==> flow/design.v <==
module ex_compare #(
    parameter integer BITS = 20
) (
    input  aclk,
    input  [BITS-1:0] opa,
    input  [BITS-1:0] opb,
    output reg is_lt,
    output reg same
);
    reg [BITS-1:0] opa_r;
    reg [BITS-1:0] opb_r;
    reg [BITS:0] work_r;
    always @(posedge aclk) begin
        opa_r <= opa;
        opb_r <= opb;
        work_r <= {1'b0, opa_r} - {1'b0, opb_r};
        is_lt <= work_r[BITS];
        same <= ~|work_r[BITS-1:0];
    end
endmodule
* Step by step through the tools: ex_compare *
What the tools print for ex_compare, step after step.
Line numbers count from 1 in the design file above.
Cell names lack the library's common part.
The mark -- stands for no value.

inputs
  top = ex_compare
  clock input = aclk
  cell library = sky130hd
  corner = tt_025C_1v80

* Word-level counts *
Source: Yosys, flattened and elaborated, memories not mapped. Widths are those after wreduce; folded enables and synchronous resets count as part of the registers. Registers that Yosys merges into a memory's read port (data or address) are not register bits. Print and check cells do not count. Equal cells are merged and count once.

operators by class
  $add $sub $neg = 1
  $mul = 0
  divide/modulo/power cells = 0
  magnitude comparators = 0
  eq/ne operators = 0
  shift-type cells = 0
  muxes and demuxes = 0
  bitwise operators = 0
  reductions and logical operators = 2

operators by type and width
  operator                      count
  subtractor 20 x 20 -> 21 bit  1
  OR reduction 20 bit           1
  logical NOT 1 bit             1

word-level totals
  flip-flop bits (word level) = 63
  latch bits = 0
  RAM bits = 0
  bits in read-only memories = 0
  word width x clocked read ports = 0
  memories kept = 0

* Depth *
Longest topological path by Yosys (ltp), each cell counted once; first at word level (registers and memories cut), then after technology mapping (sequential cells cut; the memories' decode and read muxes count).

depth
  depth after elaboration = 2
  ABC_AREA = 0
  gate-level depth with buffers = 9

* Mapped cells and area *
Source: synth_stat.txt of the flow (Yosys; design flattened, memories mapped). It holds for the ABC_AREA given above (unset counts as 0); a run with the other value may have another netlist.

mapped netlist
  cells in the netlist = 237
  chip area (Yosys) = 2518.7 µm²
  flip-flop cells = 63

cells by type
  cell      count
  dfxtp_1   63
  ha_1      20
  inv_1     27
  xnor2_1   8
  a21oi_1   13
  a21o_1    7
  xor2_1    6
  nor2_1    12
  nand2_1   11
  a21oi_4   2
  nor4_1    5
  a211oi_1  4
  a21oi_2   3
  o311ai_4  1
  nand2b_1  4
  o21ai_0   5
  o211ai_1  3
  a31oi_4   1

Other cell types: 31; their cells: 42.

* Worst setup path after synthesis *
Path of least setup slack by OpenSTA after synthesis, without wires, with an ideal clock, recovery checks aside; 20% of the period is set as input and as output delay. Where synthesis merged equal registers, the netlist keeps one of their names.

timing post-synthesis
  path type = register to register
  start = register opa_r[0]
  end = register work_r[20]
  clock period = 2.55 ns
  library setup time = 0.132 ns
  time at the first pin = 0.000 ns
  arrival = 1.911 ns
  data required time = 2.418 ns
  path slack = 0.508 ns
  path delay = 2.043 ns
  driving pins on the path = 10
  buffers on the path = 0
  synthesis period reached = 2.042 ns

"path delay" is the arrival time less input delay plus setup time.
"driving pins on the path": output pins that drive a net of the path, with the launching flip-flop's if there is one; two outputs of one cell count as two.
"synthesis period reached" = period - worst setup slack (recovery checks aside). The figure is calculated, with input and output delays left at 20% of the set period.
The rows between start and end are the longest chain of elaborated cells between them; the timing report does not say that the signal goes this way. Where chains are equally long, one stands for them.
Each line given opens the expression or statement behind the cell; cells for indexed reads and writes are added by Yosys, which also makes memories of some case tables.

on the way, post-synthesis
  cell sequence = dfxtp_1 -> inv_1 -> ha_1 -> fa_1 -> and2b_1 -> o2111ai_2 -> a21oi_4 -> a31oi_4 -> o21ai_2 -> a311oi_2
  length of the longest elaborated chain = 1

ends and longest elaborated chain, post-synthesis
  element                       line  RTL
  from (decl)                   10    reg [BITS-1:0] opa_r;
  from (assign)                 14    opa_r <= opa;
  subtractor 20 x 20 -> 21 bit  16    work_r <= {1'b0, opa_r} - {1'b0, opb_r};
  to (assign)                   16
  to (decl)                     12    reg [BITS:0] work_r;

* Path in the finished layout *
Path of least setup slack in the final report of record 1 (OpenROAD, finished layout, wires in). Where an end is a register, its clock arrival counts in the times.

timing post-layout
  path type = register to register
  start = register opa_r[0]
  end = register work_r[18]
  clock period = 1.93 ns
  library setup time = 0.09 ns
  time at the first pin = 0.33 ns
  arrival = 2.26 ns
  data required time = 2.17 ns
  path slack = -0.08 ns
  driving pins on the path = 10
  buffers on the path = 0

The rows between start and end are the longest chain of elaborated cells between them; the timing report does not say that the signal goes this way. Where chains are equally long, one stands for them.

on the way, post-layout
  cell sequence = dfxtp_2 -> inv_2 -> ha_4 -> fa_2 -> and2b_2 -> o2111ai_4 -> a21o_1 -> o21bai_2 -> a211oi_2 -> a221oi_1
  length of the longest elaborated chain = 1

ends and longest elaborated chain, post-layout
  element                       line  RTL
  from (decl)                   10    reg [BITS-1:0] opa_r;
  from (assign)                 14    opa_r <= opa;
  subtractor 20 x 20 -> 21 bit  16    work_r <= {1'b0, opa_r} - {1'b0, opb_r};
  to (assign)                   16
  to (decl)                     12    reg [BITS:0] work_r;

Ticket comment

Measured results for ex_compare: 3 stored runs of the Yosys and OpenROAD flow on sky130hd. The settings differ; the order carries no meaning. The constraints put input and output delay at 20% of the set period each and load the outputs with 0.01 pF.
"finish__power__total" is the tool's figure for a default switching activity; nothing was simulated.

settings of record 1
{
  "period_ns": 1.93,
  "CORE_UTILIZATION": 41,
  "SETUP_SLACK_MARGIN": 0.35,
  "PLACE_DENSITY": 0.53,
  "CORE_ASPECT_RATIO": 0.51,
  "CTS_CLUSTER_SIZE": 56,
  "CTS_CLUSTER_DIAMETER": 143,
  "CAP_MARGIN": 25,
  "MIN_ROUTING_LAYER": "met2",
  "MAX_ROUTING_LAYER": "met5",
  "CORE_MARGIN": 2,
  "SLEW_MARGIN": 20
}
report of record 1
yosys chip area after synthesis (um^2): 2518.7
finish__design__die__area: 6822.2
finish__design__instance__area__stdcell: 3743.6
finish__timing__setup__ws: -0.084
finish__timing__setup__tns: -0.249
finish__timing__hold__ws: 0.323
finish__power__total: 3.643e-03

settings of record 2
{
  "period_ns": 3.0,
  "CORE_UTILIZATION": 46,
  "SETUP_SLACK_MARGIN": 0.63,
  "PLACE_DENSITY_LB_ADDON": 0.02,
  "ABC_AREA": 1,
  "GPL_ROUTABILITY_DRIVEN": 1,
  "CAP_MARGIN": 30,
  "CORE_MARGIN": 2,
  "SLEW_MARGIN": 20
}
report of record 2
yosys chip area after synthesis (um^2): 2632.5
finish__design__die__area: 6344.1
finish__design__instance__area__stdcell: 3388.2
finish__timing__setup__ws: 1.231
finish__timing__setup__tns: 0.000
finish__timing__hold__ws: 0.374
finish__power__total: 2.146e-03

settings of record 3
{
  "period_ns": 2.55,
  "CAP_MARGIN": 20,
  "CORE_MARGIN": 2,
  "CORE_UTILIZATION": 40,
  "SLEW_MARGIN": 20
}
report of record 3
yosys chip area after synthesis (um^2): 2518.7
finish__design__die__area: 6947.2
finish__design__instance__area__stdcell: 3166.8
finish__timing__setup__ws: 0.309
finish__timing__setup__tns: 0.000
finish__timing__hold__ws: 0.330
finish__power__total: 2.202e-03
